==> flow/design.v <==
module addsub_mod #(
  parameter int BITS = 5
) (
  input  logic aclk,
  input  logic aresetn,
  input  logic [BITS-1:0] i_opa,
  input  logic i_minus,
  input  logic i_zero,
  output logic [BITS-1:0] o_q
);
  logic [BITS-1:0] opa_d1;
  logic minus_d1;
  logic zero_d1;
  logic [BITS-1:0] acc;
  assign o_q = acc;
  always_ff @(posedge aclk or negedge aresetn) begin
    if (~aresetn) begin
      opa_d1 <= 0;
      minus_d1 <= 1'b0;
      zero_d1 <= 1'b0;
      acc <= 0;
    end else begin
      opa_d1 <= i_opa;
      minus_d1 <= i_minus;
      zero_d1 <= i_zero;
      acc <= zero_d1 ? opa_d1 : minus_d1 ? acc - opa_d1 : acc + opa_d1;
    end
  end
endmodule
======== Step by step through the tools: addsub_mod ========
The steps from the RTL of addsub_mod to its reports follow in flow order.
Line numbers count from 1 in the design file above.
Operators: Yosys type, input widths -> output width; for muxes data width and select width s.
Library cell names are shortened.
A cell with - has no value.
design
  design top .............................. addsub_mod
  clock ................................... aclk
  library ................................. sky130hd
  library corner .......................... tt_025C_1v80

======== After elaboration ========
Yosys after proc, flatten, opt, wreduce and memory -nomap, before mapping. Enables and synchronous resets that opt folds into registers are not counted as muxes. Memory bits, and registers merged into a memory's read port (data or address), are not among the register bits. Print and check cells are not counted. Equal cells are merged and count once.
bit counts
  cells after elaboration ................. 8
  word width x clocked read ports ......... 0
  memories kept ........................... 0
  latch bits .............................. 0
  input port bits ......................... 9
  ROM bits ................................ 0
  register bits after elaboration ......... 12
  output and inout port bits .............. 5
  memory bits (writable) .................. 0
operators by class
  reduce/logical cells .................... 0
  multiplexer cells ....................... 2
  add/sub/neg operators ................... 2
  $lt $le $gt $ge ......................... 0
  equal/unequal tests ..................... 0
  bitwise gates (word level) .............. 0
  multipliers ............................. 0
  divide/modulo/power cells ............... 0
  shift-type cells ........................ 0
operators by type and width
  operator     number
  $mux 5       2
  $add 5x5->5  1
  $sub 5x5->5  1

======== Longest topological paths ========
Longest topological path by Yosys (ltp), each cell counted once; first at word level (registers and memories cut), then after technology mapping (sequential cells cut; the memories' decode and read muxes count).
logic depth
  depth after elaboration ................. 3
  ABC_AREA ................................ 0
  depth in mapped cells ................... 10
  depth with buffers taken out ............ 10

======== After synthesis ========
The flow's flattened synthesis, as Yosys stat reports it; memories are mapped. The netlist is that of the ABC_AREA named above (0 if unset); the other value can give another one.
mapped netlist
  mapped flip-flops ....................... 12
  mapped area ............................. 585.6 um2
  standard cells after synthesis .......... 52
  buffer cells ............................ 1
  sequential area ......................... 300.3 um2
cells by type
  cell     number  total area (um2)
  dfrtp_1  12      300.288
  ha_1     5       62.56
  xor2_1   4       35.034
  inv_1    7       26.275
  mux2_2   2       22.522
  fa_1     1       20.019
  xnor2_1  2       17.517
  a21oi_1  3       15.014
  o21ai_1  3       15.014
  nand2_1  3       11.261
  nor2_1   3       11.261
  mux2i_1  1       10.01
  a21o_1   1       7.507
  buf_4    1       7.507
  nor3b_1  1       7.507
  nor2b_1  1       6.256
  nor3_1   1       5.005
  o21ai_0  1       5.005

======== Path before layout ========
Path of least setup slack by OpenSTA after synthesis, without wires, with an ideal clock, recovery checks aside; 20% of the period is set as input and as output delay. Where synthesis merged equal registers, the netlist keeps one of their names.
timing after synthesis
  path kind ............................... register to register
  from .................................... register opa_d1[0]
  to ...................................... register acc[4]
  time at the first pin ................... 0.000 ns
  delay of the path ....................... 2.194 ns
  path slack .............................. 0.546 ns
  data required time ...................... 2.619 ns
  path buffers ............................ 0
  stages on the path ...................... 10
  data arrival time ....................... 2.073 ns
  period .................................. 2.74 ns
  library setup time ...................... 0.121 ns
  period reached after synthesis .......... 2.194 ns
"delay of the path" is the arrival time less input delay plus setup time.
"stages on the path": output pins that drive a net of the path, with the launching flip-flop's if there is one; two outputs of one cell count as two.
"period reached after synthesis" = period - worst setup slack (recovery checks aside). The figure is calculated, with input and output delays left at 20% of the set period.
Between the ends stands the longest chain of elaborated cells between them, by number of cells; it is not shown to be the way that was timed. Of several equally long chains one is given.
A line is the first line of the expression or statement that the cell stems from. Yosys adds cells for indexed reads and writes and turns some case tables into memories.
between the ends, after synthesis
  cell sequence ........................... dfrtp_1 > inv_1 > ha_1 > mux2_2 > fa_1 > nor2b_1 > o21ai_0 > nor3b_1 > mux2_2 > xor2_1
  length of the longest elaborated chain .. 3
  elaborated cells between the ends (all ways) .. 4
  RTL lines with such cells ............... 1
  those cells by class .................... add/sub: 2; mux: 2
ends and longest elaborated chain, after synthesis
  item                 line  text
  start, declared      11    logic [BITS-1:0] opa_d1;
  start, assigned      18    opa_d1 <= 0;
  start, assigned      23    opa_d1 <= i_opa;
  $add 5x5->5          26    acc <= zero_d1 ? opa_d1 : minus_d1 ? acc - opa_d1 : acc + opa_d1;
  $mux 5 (2 in a row)  26
  end, assigned        21    acc <= 0;
  end, assigned        26
  end, declared        14    logic [BITS-1:0] acc;

======== Path in the finished layout ========
Path of least setup slack in the final report of job 1 (OpenROAD, finished layout, wires in). Where an end is a register, its clock arrival counts in the times.
timing post-layout
  path kind ............................... register to register
  from .................................... register opa_d1[0]
  to ...................................... register acc[4]
  period .................................. 3.92 ns
  library setup time ...................... 0.11 ns
  stages on the path ...................... 10
  data required time ...................... 4.08 ns
  path slack .............................. 1.53 ns
  data arrival time ....................... 2.55 ns
  time at the first pin ................... 0.28 ns
  path buffers ............................ 0
Between the ends stands the longest chain of elaborated cells between them, by number of cells; it is not shown to be the way that was timed. Of several equally long chains one is given.
between the ends, post-layout
  cell sequence ........................... dfrtp_1 > inv_1 > ha_1 > mux2_2 > fa_1 > nor2b_1 > o21ai_0 > nor3b_1 > mux2_2 > xor2_1
  length of the longest elaborated chain .. 3
  elaborated cells between the ends (all ways) .. 4
  RTL lines with such cells ............... 1
  those cells by class .................... add/sub: 2; mux: 2
ends and longest elaborated chain, post-layout
  item                 line  text
  start, declared      11    logic [BITS-1:0] opa_d1;
  start, assigned      18    opa_d1 <= 0;
  start, assigned      23    opa_d1 <= i_opa;
  $add 5x5->5          26    acc <= zero_d1 ? opa_d1 : minus_d1 ? acc - opa_d1 : acc + opa_d1;
  $mux 5 (2 in a row)  26
  end, assigned        21    acc <= 0;
  end, assigned        26
  end, declared        14    logic [BITS-1:0] acc;

==> results <==
Settings and measured results of 3 stored flow runs for module addsub_mod (sky130hd), not sorted in any way. The constraints put input and output delay at 20% of the set period each and load the outputs with 0.01 pF.
"reached clock period": clock period set for the run, less the worst setup slack. It is reckoned from that one timing run; input and output delays stay at 20% of the period that was set.
"time on the worst setup path" = time allowed to the worst setup path (clock period - input delay - output delay, where it has them) - its slack; a late launch clock adds to it, a late capture clock takes from it.
"power" is the tool's figure for a default switching activity; nothing was simulated.

---- job 1 ----
settings
  period_ns = 3.92
  CORE_UTILIZATION = 26
  SETUP_SLACK_MARGIN = 0.74
  PLACE_DENSITY_LB_ADDON = 0.02
  CELL_PAD_IN_SITES_DETAIL_PLACEMENT = 2
  GPL_ROUTABILITY_DRIVEN = 0
  SLEW_MARGIN = 35
  MIN_ROUTING_LAYER = met1
  CAP_MARGIN = 20
  CORE_MARGIN = 2
results
  worst hold slack after layout ........... 0.437 ns
  die area ................................ 2,647.6 um2
  utilization after layout ................ 0.353
  power ................................... 0.3721 mW
  summed negative setup slack ............. 0.000 ns
  standard-cell area of the final layout .. 765.7 um2
  time on the worst setup path ............ 2.39 ns
  type of the worst setup path ............ register to register
  reached clock period .................... 2.394 ns
  setup slack of the worst path ........... 1.526 ns
  cell area after synthesis ............... 585.6 um2

---- job 2 ----
settings
  period_ns = 2.74
  CAP_MARGIN = 20
  CORE_MARGIN = 2
  CORE_UTILIZATION = 40
  SLEW_MARGIN = 20
results
  worst hold slack after layout ........... 0.439 ns
  die area ................................ 1,785.9 um2
  utilization after layout ................ 0.572
  power ................................... 0.5604 mW
  summed negative setup slack ............. 0.000 ns
  standard-cell area of the final layout .. 763.2 um2
  time on the worst setup path ............ 2.33 ns
  type of the worst setup path ............ register to register
  reached clock period .................... 2.330 ns
  setup slack of the worst path ........... 0.410 ns
  cell area after synthesis ............... 585.6 um2

---- job 3 ----
settings
  period_ns = 3.29
  CORE_UTILIZATION = 44
  CORE_ASPECT_RATIO = 0.62
  CELL_PAD_IN_SITES_GLOBAL_PLACEMENT = 1
  CTS_CLUSTER_DIAMETER = 116
  MIN_ROUTING_LAYER = met2
  MAX_ROUTING_LAYER = met4
  CAP_MARGIN = 20
  CORE_MARGIN = 2
  SLEW_MARGIN = 20
results
  unfinished; error PDN-0185 in floorplanning
